==> flow/design.v <==
module dp_shifter_v2 #(
  parameter BITS = 12,
  parameter SEL_WIDTH = $clog2(BITS)
) (
  input logic core_clk,
  input logic ce,
  input logic [BITS-1:0] i_ch,
  input logic [SEL_WIDTH-1:0] i_count,
  output logic [BITS-1:0] o_res
);
  logic [BITS-1:0] r_ch;
  logic [SEL_WIDTH-1:0] r_count;
  always_ff @(posedge core_clk) begin
    if (ce) begin
      r_ch <= i_ch;
      r_count <= i_count;
      o_res <= r_ch << r_count;
    end
  end
endmodule
Reports on dp_shifter_v2. The steps from the RTL of dp_shifter_v2 to its reports follow in flow order. Line numbers count from 1 in the design file above. Operators carry their Yosys type and port widths (W data, S select, Z words). Library cell names are shortened. The mark -- stands for no value.

Top module: dp_shifter_v2. Clock input: core_clk. Library: sky130hd. Library corner: tt_025C_1v80.

After elaboration. Source: Yosys, flattened and elaborated, memories not mapped. Widths are those after wreduce; folded enables and synchronous resets count as part of the registers. Registers that Yosys merges into a memory's read port (data or address) are not register bits. Print and check cells do not count. Equal cells are merged and count once.

For register bits after elaboration the number is 28. The entry for latch bits reads 0. Under bits in writable memories stands 0. ROM bits: 0. Under clocked read ports x word width stands 0. Under memory cells stands 0. For input port bits the number is 18. Output and inout port bits: 12. For word-level cells the number is 4.

For add/subtract/negate cells the number is 0. Under $mul stands 0. Divide/modulo/power cells: 0. The entry for magnitude comparators reads 0. The figure for equality and inequality tests is 0. Shift-type cells: 1. The figure for muxes and demuxes is 0. The figure for bitwise operators is 0. Under reductions and logical operators stands 0.

Operators by type and width (count): $shl A12 B4 Y12 (1).

Logic depth. Depth = most cells in a row (Yosys ltp): at word level without a register or memory, in the mapped netlist without a sequential cell, where the memories' decode and read muxes count.

Under depth in word-level cells stands 1. The figure for ABC_AREA is 0. The figure for gate-level depth with buffers is 5. Gate-level depth less buffers: 3.

After synthesis. Yosys stat after the flow's synthesis: flattened, memories mapped to cells. It holds for the ABC_AREA given above (unset counts as 0); a run with the other value may have another netlist. Totals and module areas in this step are rounded.

Cell count: 78. For synthesis area the number is 1400 sq um. The entry for sequential area reads 840 sq um. Under flip-flop cells stands 28. The entry for buffers reads 5.

Cells by type: edfxtp_1 (count 28, area in all 840.806 sq um); mux4_1 (count 5, area in all 131.376 sq um); mux4_2 (count 5, area in all 112.608 sq um); mux2i_1 (count 10, area in all 100.096 sq um); nand2b_1 (count 4, area in all 25.024 sq um); buf_6 (count 2, area in all 22.522 sq um); buf_12 (count 1, area in all 20.019 sq um); and2_1 (count 3, area in all 18.768 sq um); nor2_1 (count 4, area in all 15.014 sq um); o21ai_1 (count 3, area in all 15.014 sq um); mux2_2 (count 1, area in all 11.261 sq um); nand2_1 (count 3, area in all 11.261 sq um); a22oi_1 (count 1, area in all 7.507 sq um); clkbuf_1 (count 2, area in all 7.507 sq um); nand3b_1 (count 1, area in all 7.507 sq um); nor3b_1 (count 1, area in all 7.507 sq um); nor2b_1 (count 1, area in all 6.256 sq um); a21oi_1 (count 1, area in all 5.005 sq um).

Other cell types: 2; their cells: 2.

Worst setup path after synthesis. Path of least setup slack by OpenSTA after synthesis, without wires, with an ideal clock, recovery checks aside; 20% of the period is set as input and as output delay. Where synthesis merged equal registers, the netlist keeps one of their names.

Path type: register to register. Start: reg r_count[0]. End: reg o_res[9]. Clock period: 1910 ps. The figure for setup time is 261 ps. For time at the first pin the number is 0 ps. The entry for data arrival time reads 1267 ps. The figure for data required time is 1649 ps. The figure for setup slack is 382 ps. Delay of the path: 1528 ps. The figure for driving pins on the path is 5. For buffers on the path the number is 1. Under synthesis period reached stands 1528 ps.

"delay of the path" is the arrival time less input delay plus setup time. "driving pins on the path" counts driving pins, that of a launching flip-flop among them; a cell with two outputs on the path counts twice. "synthesis period reached" = period - worst setup slack (recovery checks aside). The figure is calculated, with input and output delays left at 20% of the set period. Between the ends stands the longest chain of elaborated cells between them, by number of cells; it is not shown to be the way that was timed. Of several equally long chains one is given. Each line given opens the expression or statement behind the cell; cells for indexed reads and writes are added by Yosys, which also makes memories of some case tables.

Path through: edfxtp_1 > buf_6 > mux4_2 > a22oi_1 > o21ai_1. For length of the longest elaborated chain the number is 1. Under elaborated cells between the ends (all ways) stands 1. Under RTL lines with such cells stands 1. Those cells by class: shift: 1.

RTL lines, path after synthesis: start, declared (RTL line 12) `logic [SEL_WIDTH-1:0] r_count;`; start, assigned (RTL line 16) `r_count <= i_count;`; $shl A12 B4 Y12 (RTL line 17) `o_res <= r_ch << r_count;`; end, assigned (RTL line 17); end, declared (RTL line 9) `output logic [BITS-1:0] o_res`.

Path in the finished layout. Path of least setup slack in the final report of job 1 (OpenROAD, finished layout, wires in). Where an end is a register, its clock arrival counts in the times. The report prints the path's times to 10 ps; the period is as set.

Path type: register to output. Start: reg o_res[6]. End: out o_res[6]. Clock period: 2480 ps. External output delay: 500 ps. For time at the first pin the number is 320 ps. The entry for data arrival time reads 1200 ps. The figure for data required time is 1980 ps. The figure for setup slack is 780 ps. The figure for driving pins on the path is 2. For buffers on the path the number is 1.

Path through: edfxtp_1 > clkdlybuf4s50_1. For length of the longest elaborated chain the number is 0. Under elaborated cells between the ends (all ways) stands 0. Under RTL lines with such cells stands 0.

RTL lines, path post-layout: start, declared (RTL line 9) `output logic [BITS-1:0] o_res`; start, assigned (RTL line 17) `o_res <= r_ch << r_count;`; end, declared (RTL line 9).

Hand-over note for dp_shifter_v2

Measured results for dp_shifter_v2: 3 stored runs of the Yosys and OpenROAD flow on sky130hd. The settings differ; the order carries no meaning. The constraints put input and output delay at 20% of the set period each and load the outputs with 0.01 pF. "period achieved": clock period set for the run, less the worst setup slack. It is reckoned from that one timing run; input and output delays stay at 20% of the period that was set. By "time on the worst setup path" is meant the share of the clock period that the worst setup path is allowed (20% is reserved at inputs, 20% at outputs), minus its slack. Clock arrival times at its registers enter into it. "power consumption" rests on the timing tool's default activity at the inputs, not on a simulated workload. "time on the worst setup path" is given in steps of 10 ps. Results are given in rounded form.

Job 1 has these settings: period_ns 2.48; CORE_UTILIZATION 42; PLACE_DENSITY_LB_ADDON 0.25; CORE_MARGIN 6; CELL_PAD_IN_SITES_GLOBAL_PLACEMENT 3; TNS_END_PERCENT 60; ABC_AREA 0; GPL_TIMING_DRIVEN 0; CTS_CLUSTER_DIAMETER 400; MIN_ROUTING_LAYER met1; MAX_ROUTING_LAYER met5; CAP_MARGIN 20; SLEW_MARGIN 20. The total negative slack reads 0 ps. The die footprint is 4800 sq um. The worst hold slack in the final report stands at 680 ps. The setup slack of the worst path is 780 ps. For the period achieved the run shows 1698 ps. The time on the worst setup path stands at 1200 ps. Worst path kind: register to output. The measured utilization in the final report is 57 %. The measured power consumption is 970 µW. The synthesis area is 1400 sq um. The measured std-cell area (final layout) is 1700 sq um.

Job 2 has these settings: period_ns 1.56; CORE_UTILIZATION 25; PLACE_DENSITY 0.62; HOLD_SLACK_MARGIN -0.01; CORE_ASPECT_RATIO 1.28; ABC_AREA 0; GPL_TIMING_DRIVEN 0; CAP_MARGIN 20; CORE_MARGIN 2; SLEW_MARGIN 20. The total negative slack reads -100 ps. The die footprint is 6100 sq um. The worst hold slack in the final report stands at 580 ps. The setup slack of the worst path is -40 ps. For the period achieved the run shows 1600 ps. The time on the worst setup path stands at 1600 ps. Worst path kind: register to register. The measured utilization in the final report is 34 %. The measured power consumption is 1700 µW. The synthesis area is 1400 sq um. The measured std-cell area (final layout) is 1800 sq um.

Job 3 has these settings: period_ns 1.91; CAP_MARGIN 20; CORE_MARGIN 2; CORE_UTILIZATION 40; SLEW_MARGIN 20. The total negative slack reads 0 ps. The die footprint is 3900 sq um. The worst hold slack in the final report stands at 600 ps. The setup slack of the worst path is 180 ps. For the period achieved the run shows 1726 ps. The time on the worst setup path stands at 1730 ps. Worst path kind: register to register. The measured utilization in the final report is 54 %. The measured power consumption is 1300 µW. The synthesis area is 1400 sq um. The measured std-cell area (final layout) is 1800 sq um.

End of note.
